==> flow/design.v <==
module cpu_add #(
   parameter int DWIDTH = 18,
   parameter int GB = 2
) (
   input  logic ck,
   input  logic rstn,
   input  logic clk_en,
   input  logic [DWIDTH-1:0] val,
   input  logic init,
   output logic [DWIDTH+GB-1:0] s
);
   logic [DWIDTH-1:0] r_val;
   logic r_init;
   logic [DWIDTH+GB-1:0] accum;
   always_ff @(posedge ck or negedge rstn) begin
      if (!rstn) begin
         r_val <= '0;
         r_init <= 1'b0;
         accum <= '0;
      end else if (clk_en) begin
         r_val <= val;
         r_init <= init;
         accum <= r_init ? 0 : accum + r_val;
      end
   end
   assign s = accum;
endmodule
* Tool chain data of cpu_add *
What the tools print for cpu_add, step after step.
Lines are those of the file above, counted from 1.
Cell names lack the library's common part.
The mark -- stands for no value.

design
  design top = cpu_add
  clock port = ck
  cell library = sky130hd
  corner = tt_025C_1v80

* Elaborated design *
Yosys after proc, flatten, opt, wreduce and memory -nomap, before mapping. Enables and synchronous resets that opt folds into registers are not counted as muxes. Memory bits, and registers merged into a memory's read port (data or address), are not among the register bits. Print and check cells are not counted. Equal cells are merged and count once.

operators by class
  multiplexer cells = 1
  add/sub/neg operators = 1

operator list
  cell                     number
  adder 20 x 18 -> 20 bit  1
  2-to-1 mux 20 bit        1

word-level totals
  input bits = 22
  output and inout bits = 20
  bits in registers = 39

* Depth *
Longest topological path by Yosys (ltp), each cell counted once; first at word level (registers and memories cut), then after technology mapping (sequential cells cut; the memories' decode and read muxes count).

logic depth
  depth after elaboration = 2
  ABC_AREA = 0
  gate-level depth with buffers = 8
  gate-level depth less buffers = 8

* After synthesis *
Yosys stat after the flow's synthesis: flattened, memories mapped to cells. It holds for the ABC_AREA given above (unset counts as 0); a run with the other value may have another netlist.

mapped netlist
  area of sequential cells = 975.9 µm²
  mapped cells = 240
  mapped area = 2429.8 µm²
  mapped flip-flops = 39

cell types
  type      number
  dfrtp_1   39
  ha_1      18
  mux2_2    19
  a21oi_1   18
  nand2_1   15
  a22o_1    6
  xor2_1    6
  clkbuf_1  12
  inv_1     12
  nand3_1   9
  xnor2_1   5
  o21ai_0   8
  nor2_1    9
  and3_1    5
  a21o_1    4
  a221o_1   3
  nor3_1    5
  o22ai_1   4

Other cell types: 28; their cells: 43.

* Path before layout *
Path of least setup slack by OpenSTA after synthesis, without wires, with an ideal clock, recovery checks aside; 20% of the period is set as input and as output delay. Where synthesis merged equal registers, the netlist keeps one of their names.

timing post-synthesis
  kind = reg-to-reg
  start = reg accum[0]
  end = reg accum[18]
  stages = 8
  clock period = 3.03 ns
  path slack = 0.607 ns
  delay of the path = 2.422 ns
  data required time = 2.904 ns
  path buffers = 0
  arrival time = 2.296 ns
  time at the first pin = 0.000 ns
  synthesis period reached = 2.423 ns

"delay of the path" = arrival - input delay + setup time.
"stages" counts driving pins, that of a launching flip-flop among them; a cell with two outputs on the path counts twice.
"synthesis period reached" is the clock period less the worst setup slack; recovery checks do not enter. This is arithmetic on one report: input and output delays are still those of the set period (20% each).
Between the ends stands the longest chain of elaborated cells between them, by number of cells; it is not shown to be the way that was timed. Of several equally long chains one is given.
A line is the first line of the expression or statement that the cell stems from. Yosys adds cells for indexed reads and writes and turns some case tables into memories.

between the ends, post-synthesis
  cell sequence = dfrtp_1 ha_1 fa_1 a21o_1 a221o_1 a221oi_2 o221ai_1 a221o_1
  length of the longest elaborated chain = 2
  elaborated cells between the ends (all ways) = 2
  RTL lines with such cells = 1
  those cells by class = add/sub: 1; mux: 1

RTL lines, path post-synthesis
  element                  line  source
  start: declaration       14    logic [DWIDTH+GB-1:0] accum;
  start: assignment        19    accum <= '0;
  start: assignment        23    accum <= r_init ? 0 : accum + r_val;
  adder 20 x 18 -> 20 bit  23
  2-to-1 mux 20 bit        23
  end: assignment          19
  end: assignment          23
  end: declaration         14

* Worst path after layout *
Path of least setup slack in the final report of flow run 1 (OpenROAD, finished layout, wires in). Where an end is a register, its clock arrival counts in the times.

timing post-layout
  kind = reg-to-reg
  start = reg accum[0]
  end = reg accum[18]
  path slack = 0.11 ns
  data required time = 2.84 ns
  arrival time = 2.73 ns
  path buffers = 0
  clock period = 2.67 ns
  time at the first pin = 0.28 ns
  stages = 8

Between the ends stands the longest chain of elaborated cells between them, by number of cells; it is not shown to be the way that was timed. Of several equally long chains one is given.

between the ends, post-layout
  cell sequence = dfrtp_1 ha_1 fa_1 a21o_1 a221o_1 a221oi_2 o221ai_2 a221o_1
  length of the longest elaborated chain = 2
  elaborated cells between the ends (all ways) = 2
  RTL lines with such cells = 1
  those cells by class = add/sub: 1; mux: 1

RTL lines, path post-layout
  element                  line  source
  start: declaration       14    logic [DWIDTH+GB-1:0] accum;
  start: assignment        19    accum <= '0;
  start: assignment        23    accum <= r_init ? 0 : accum + r_val;
  adder 20 x 18 -> 20 bit  23
  2-to-1 mux 20 bit        23
  end: assignment          19
  end: assignment          23
  end: declaration         14

==> runs of cpu_add <==
Measured data: module cpu_add, platform sky130hd, 3 stored runs of the flow under differing settings, order arbitrary. Input and output delays are each 20% of the period that was set; the output load is 0.01 pF.
"achieved clock period" = clock period - worst setup slack. The figure is calculated, with input and output delays left at 20% of the set period.
"worst setup path time" means the part of the period allowed to the worst setup path (the constraints hold back 20% at inputs and 20% at outputs) less its slack; where the path has registers, the arrival times of their clocks count too.
"power" is the tool's figure for a default switching activity; nothing was simulated.

Flow run 1
==> flow/run.sh <==
#!/bin/bash
# the make line also repeats the synthesis and layout settings of config.mk as NAME=value (left out here)
make -C /OpenROAD-flow-scripts/flow DESIGN_CONFIG=/design/flow/config.mk WORK_HOME=/design/flow/orfs CLKGATE_MAP_FILE= finish
==> flow/config.mk <==
export PLATFORM = sky130hd
export DESIGN_NAME = cpu_add
export DESIGN_NICKNAME = cpu_add
export VERILOG_FILES = /design/flow/design.v
export SDC_FILE = /design/flow/constraint.sdc
export NUM_CORES = 4
export LEC_CHECK = 0
export ABC_AREA = 0
export CAP_MARGIN = 20
export CELL_PAD_IN_SITES_DETAIL_PLACEMENT = 2
export CORE_ASPECT_RATIO = 1.46
export CORE_MARGIN = 2
export CORE_UTILIZATION = 17
export CTS_CLUSTER_SIZE = 36
export MAX_ROUTING_LAYER = met5
export MIN_ROUTING_LAYER = met1
export PLACE_DENSITY_LB_ADDON = 0.25
export SLEW_MARGIN = 20
export TNS_END_PERCENT = 100
==> flow/constraint.sdc <==
create_clock -name core_clock -period 2.67 [get_ports {ck}]
set_input_delay 0.5340 -clock core_clock [delete_from_list [all_inputs] [get_ports {ck}]]
set_output_delay 0.5340 -clock core_clock [all_outputs]
set_load 0.01 [all_outputs]

==> results of flow run 1 <==
chip area after synthesis (Yosys): 2429.8 µm²
die area: 15282.7 µm²
standard-cell area of the final layout: 3298.2 µm²
utilization: 23.7 %
worst setup slack after layout: 0.109 ns
total negative slack: 0.000 ns
power: 3384 uW
achieved clock period: 2.561 ns
worst setup path time: 2.56 ns
worst setup path kind: reg-to-reg

Flow run 2
==> flow/run.sh <==
#!/bin/bash
# the make line also repeats the synthesis and layout settings of config.mk as NAME=value (left out here)
make -C /OpenROAD-flow-scripts/flow DESIGN_CONFIG=/design/flow/config.mk WORK_HOME=/design/flow/orfs CLKGATE_MAP_FILE= finish
==> flow/config.mk <==
export PLATFORM = sky130hd
export DESIGN_NAME = cpu_add
export DESIGN_NICKNAME = cpu_add
export VERILOG_FILES = /design/flow/design.v
export SDC_FILE = /design/flow/constraint.sdc
export NUM_CORES = 4
export LEC_CHECK = 0
export CAP_MARGIN = 20
export CORE_MARGIN = 2
export CORE_UTILIZATION = 40
export SLEW_MARGIN = 20
==> flow/constraint.sdc <==
create_clock -name core_clock -period 3.03 [get_ports {ck}]
set_input_delay 0.6060 -clock core_clock [delete_from_list [all_inputs] [get_ports {ck}]]
set_output_delay 0.6060 -clock core_clock [all_outputs]
set_load 0.01 [all_outputs]

==> results of flow run 2 <==
chip area after synthesis (Yosys): 2429.8 µm²
die area: 6714.2 µm²
standard-cell area of the final layout: 2995.4 µm²
utilization: 50.9 %
worst setup slack after layout: 0.485 ns
total negative slack: 0.000 ns
power: 2579 uW
achieved clock period: 2.545 ns
worst setup path time: 2.54 ns
worst setup path kind: reg-to-reg

Flow run 3
==> flow/run.sh <==
#!/bin/bash
# the make line also repeats the synthesis and layout settings of config.mk as NAME=value (left out here)
make -C /OpenROAD-flow-scripts/flow DESIGN_CONFIG=/design/flow/config.mk WORK_HOME=/design/flow/orfs CLKGATE_MAP_FILE= finish
==> flow/config.mk <==
export PLATFORM = sky130hd
export DESIGN_NAME = cpu_add
export DESIGN_NICKNAME = cpu_add
export VERILOG_FILES = /design/flow/design.v
export SDC_FILE = /design/flow/constraint.sdc
export NUM_CORES = 4
export LEC_CHECK = 0
export ABC_AREA = 1
export CAP_MARGIN = 5
export CORE_MARGIN = 2
export CORE_UTILIZATION = 57
export CTS_CLUSTER_SIZE = 73
export GPL_ROUTABILITY_DRIVEN = 0
export MAX_ROUTING_LAYER = met4
export PLACE_DENSITY_LB_ADDON = 0.14
export SLEW_MARGIN = 0
export TNS_END_PERCENT = 100
==> flow/constraint.sdc <==
create_clock -name core_clock -period 2.18 [get_ports {ck}]
set_input_delay 0.4360 -clock core_clock [delete_from_list [all_inputs] [get_ports {ck}]]
set_output_delay 0.4360 -clock core_clock [all_outputs]
set_load 0.01 [all_outputs]

==> results of flow run 3 <==
chip area after synthesis (Yosys): 2546.2 µm²
die area: 5017.6 µm²
standard-cell area of the final layout: 3108.0 µm²
utilization: 71.9 %
worst setup slack after layout: 0.249 ns
total negative slack: 0.000 ns
power: 3311 uW
achieved clock period: 1.931 ns
worst setup path time: 1.93 ns
worst setup path kind: reg-to-reg
